==> flow/design.v <==
module times #(
  parameter integer DATA_W = 5,
  parameter integer WAYS = 4,
  parameter integer RW = 2*DATA_W + $clog2(WAYS)
) (
  input wire ck,
  input wire rst,
  input wire [WAYS*DATA_W-1:0] i_u,
  input wire [WAYS*DATA_W-1:0] i_v,
  output wire [RW-1:0] o_res
);
  reg [WAYS*DATA_W-1:0] u_q;
  reg [WAYS*DATA_W-1:0] v_q;
  always @(posedge ck) begin
    if (rst) begin
      u_q <= 0;
      v_q <= 0;
    end else begin
      u_q <= i_u;
      v_q <= i_v;
    end
  end
  genvar k;
  wire [2*WAYS*DATA_W-1:0] part;
  generate
    for (k = 0; k < WAYS; k = k + 1) begin : gen
      assign part[2*k*DATA_W +: 2*DATA_W] = u_q[k*DATA_W +: DATA_W] * v_q[k*DATA_W +: DATA_W];
    end
  endgenerate
  reg [2*WAYS*DATA_W-1:0] part_q;
  always @(posedge ck) begin
    if (rst) begin
      part_q <= 0;
    end else begin
      part_q <= part;
    end
  end
  reg [RW-1:0] val;
  integer i;
  always @* begin
    val = 0;
    for (i = 0; i < WAYS; i = i + 1)
      val = val + part_q[2*i*DATA_W +: 2*DATA_W];
  end
  reg [RW-1:0] res_q;
  always @(posedge ck) begin
    if (rst) begin
      res_q <= 0;
    end else begin
      res_q <= val;
    end
  end
  assign o_res = res_q;
endmodule
### Tool chain data of times

Tool output for the design above, in the order of the flow.
Line numbers count from 1 in the design file above.
Cell names lack the library's common part.
A cell with n/a has no value.

* top module: times
* clock: ck
* library: sky130hd
* timing corner: tt_025C_1v80

### Word level

Counts by Yosys on the flattened word-level netlist (proc, flatten, opt, wreduce; memories kept). Register bits leave out memories and registers merged into their read ports (data or address); mux counts leave out enables and synchronous resets folded into registers. Print and check cells are left out. Cells with the same type and inputs are merged into one.

* flip-flop bits (word level): 92
* input bits: 42
* output and inout port bits: 12
* cells after elaboration: 11

* $add $sub $neg: 3
* $mul: 4

Operators by type and width (number)
* 5-bit by 5-bit multiplier with 10-bit output: 4
* 11-bit by 10-bit adder with 12-bit output: 1
* 12-bit by 10-bit adder with 12-bit output: 1
* 10-bit by 10-bit adder with 11-bit output: 1

### Depth

Longest topological path by Yosys (ltp), each cell counted once; first at word level (registers and memories cut), then after technology mapping (sequential cells cut; the memories' decode and read muxes count).

* depth after elaboration: 3
* ABC_AREA: 1
* mapped depth: 14
* depth with buffers taken out: 14

### Synthesis result

Yosys stat after the flow's synthesis: flattened, memories mapped to cells. It holds for the ABC_AREA given above (unset counts as 0); a run with the other value may have another netlist.
Totals and module areas in this step are rounded.

Cell types
* dfxtp_1: number 92, area in all 1.84E+03 µm²
* fa_1: number 56, area in all 1.12E+03 µm²
* ha_1: number 83, area in all 1.04E+03 µm²
* inv_1: number 253, area in all 949.661 µm²
* nand2_1: number 173, area in all 649.373 µm²
* nor2_1: number 87, area in all 326.563 µm²
* a21oi_1: number 49, area in all 245.235 µm²
* nand3_1: number 35, area in all 175.168 µm²
* o21ai_0: number 11, area in all 55.053 µm²
* o21a_1: number 5, area in all 37.536 µm²
* a21boi_0: number 3, area in all 22.522 µm²
* buf_4: number 3, area in all 22.522 µm²
* clkbuf_1: number 5, area in all 18.768 µm²
* a21oi_4: number 1, area in all 16.266 µm²
* o21bai_1: number 2, area in all 15.014 µm²
* nor2_2: number 2, area in all 12.512 µm²
* buf_6: number 1, area in all 11.261 µm²
* a21oi_2: number 1, area in all 8.758 µm²

Other cell types: 7; their cells: 7.

* cell count: 869
* cell area after synthesis: 6610 µm²
* sequential part of the area: 1840 µm²
* mapped flip-flops: 92
* buffers: 10

### Worst setup path after synthesis

Path of least setup slack by OpenSTA after synthesis, without wires, with an ideal clock, recovery checks aside; 20% of the period is set as input and as output delay. Where synthesis merged equal registers, the netlist keeps one of their names.

* path type: register to register
* start: register v_q[9]
* end: register part_q[19]
* clock period: 3.87 ns
* setup time: 0.115 ns
* time at the first pin: 0.000 ns
* arrival time: 2.839 ns
* data required time: 3.755 ns
* setup slack: 0.916 ns
* path delay: 2.954 ns
* stages on the path: 13
* path buffers: 0
* synthesis period reached: 2.954 ns

"path delay" = arrival - input delay + setup time.
"stages on the path": output pins that drive a net of the path, with the launching flip-flop's if there is one; two outputs of one cell count as two.
"synthesis period reached" is the clock period less the worst setup slack; recovery checks do not enter. This is arithmetic on one report: input and output delays are still those of the set period (20% each).
Between the ends stands the longest chain of elaborated cells between them, by number of cells; it is not shown to be the way that was timed. Of several equally long chains one is given.
A line is the first line of the expression or statement that the cell stems from. Yosys adds cells for indexed reads and writes and turns some case tables into memories.

* cells stage by stage: dfxtp_1 > nand2_1 > fa_1 > fa_1 > fa_1 > inv_1 > ha_1 > a21oi_1 > nand2_1 > nand3_1 > nand3_1 > nand2_1 > nor2_1
* cells in the longest elaborated chain: 1
* elaborated cells on any way between the ends: 1
* source lines of those cells: 1
* those cells by class: mul (1)

Ends and longest elaborated chain, post-synthesis
* start: declaration: line 13 `reg [WAYS*DATA_W-1:0] v_q;`
* start: assignment: line 17 `v_q <= 0;`
* start: assignment: line 20 `v_q <= i_v;`
* 5-bit by 5-bit multiplier with 10-bit output: line 27 `assign part[2*k*DATA_W +: 2*DATA_W] = u_q[k*DATA_W +: DATA_W] * v_q[k*DATA_W +: DATA_W];`
* end: assignment: line 33 `part_q <= 0;`
* end: assignment: line 35 `part_q <= part;`
* end: declaration: line 30 `reg [2*WAYS*DATA_W-1:0] part_q;`

### Path in the finished layout

From the final timing report of run 1: the path of least setup slack in the routed layout; clock arrival at registers is part of the times.

* path type: register to register
* start: register u_q[11]
* end: register part_q[28]
* clock period: 3.6 ns
* setup time: 0.08 ns
* time at the first pin: 0.36 ns
* arrival time: 3.83 ns
* data required time: 3.88 ns
* setup slack: 0.05 ns
* stages on the path: 13
* path buffers: 0

Between the ends stands the longest chain of elaborated cells between them, by number of cells; it is not shown to be the way that was timed. Of several equally long chains one is given.

* cells stage by stage: dfxtp_1 > nand2_1 > fa_1 > fa_1 > inv_1 > fa_1 > ha_1 > nand3_1 > nand2_1 > nand3_1 > nand3_1 > nand2_1 > nor2_1
* cells in the longest elaborated chain: 1
* elaborated cells on any way between the ends: 1
* source lines of those cells: 1
* those cells by class: mul (1)

Ends and longest elaborated chain, post-layout
* start: declaration: line 12 `reg [WAYS*DATA_W-1:0] u_q;`
* start: assignment: line 16 `u_q <= 0;`
* start: assignment: line 19 `u_q <= i_u;`
* 5-bit by 5-bit multiplier with 10-bit output: line 27 `assign part[2*k*DATA_W +: 2*DATA_W] = u_q[k*DATA_W +: DATA_W] * v_q[k*DATA_W +: DATA_W];`
* end: assignment: line 33 `part_q <= 0;`
* end: assignment: line 35 `part_q <= part;`
* end: declaration: line 30 `reg [2*WAYS*DATA_W-1:0] part_q;`

Subject: flow runs of times

Hi,

Settings and measured results of 3 stored flow runs for module times (sky130hd), not sorted in any way. The constraints put input and output delay at 20% of the set period each and load the outputs with 0.01 pF.
"achieved period" is the run's clock period less its worst setup slack. It is reckoned from that one timing run; input and output delays stay at 20% of the period that was set.
"time on the worst setup path" means the part of the period allowed to the worst setup path (the constraints hold back 20% at inputs and 20% at outputs) less its slack; where the path has registers, the arrival times of their clocks count too.
"overall power" rests on the timing tool's default activity at the inputs, not on a simulated workload.
Measured values are rounded.

### Run 1

Settings: `period_ns=3.6`, `CORE_UTILIZATION=56`, `PLACE_DENSITY_LB_ADDON=0.22`, `CORE_ASPECT_RATIO=1.32`, `CORE_MARGIN=3`, `CELL_PAD_IN_SITES_GLOBAL_PLACEMENT=0`, `CELL_PAD_IN_SITES_DETAIL_PLACEMENT=1`, `TNS_END_PERCENT=50`, `ABC_AREA=1`, `GPL_ROUTABILITY_DRIVEN=0`, `CAP_MARGIN=15`, `MAX_ROUTING_LAYER=met4`, `SLEW_MARGIN=20`

- Smallest hold slack: 0.511 ns
- Overall power: 2,700 uW
- Standard-cell area after layout: 7,560 µm²
- Post-layout utilization: 0.67
- Achieved period: 3.549 ns
- Time on the worst setup path: 3.55 ns
- Type of the worst setup path: register to register
- Area inside the die boundary: 13,200 µm²
- Worst setup slack after layout: 0.051 ns
- Netlist area reported by Yosys: 6,610 µm²

### Run 2

Settings: `period_ns=3.87`, `CAP_MARGIN=20`, `CORE_MARGIN=2`, `CORE_UTILIZATION=40`, `SLEW_MARGIN=20`

- Worst setup slack after layout: 0.499 ns
- Standard-cell area after layout: 7,540 µm²
- Overall power: 2,400 uW
- Area inside the die boundary: 17,200 µm²
- Time on the worst setup path: 3.37 ns
- Type of the worst setup path: register to register
- Achieved period: 3.371 ns
- Post-layout utilization: 0.476
- Netlist area reported by Yosys: 6,460 µm²
- Smallest hold slack: 0.533 ns

### Run 3

Settings: `period_ns=2.89`, `CORE_UTILIZATION=31`, `CORE_ASPECT_RATIO=0.89`, `CELL_PAD_IN_SITES_GLOBAL_PLACEMENT=0`, `CELL_PAD_IN_SITES_DETAIL_PLACEMENT=0`, `GPL_TIMING_DRIVEN=0`, `MIN_ROUTING_LAYER=met2`, `MAX_ROUTING_LAYER=met5`, `CAP_MARGIN=20`, `CORE_MARGIN=2`, `SLEW_MARGIN=20`

- Overall power: 3,340 uW
- Area inside the die boundary: 22,000 µm²
- Standard-cell area after layout: 8,510 µm²
- Smallest hold slack: 0.527 ns
- Time on the worst setup path: 3.04 ns
- Type of the worst setup path: register to register
- Worst setup slack after layout: -0.148 ns
- Post-layout utilization: 0.418
- Achieved period: 3.038 ns
- Netlist area reported by Yosys: 6,460 µm²

Regards
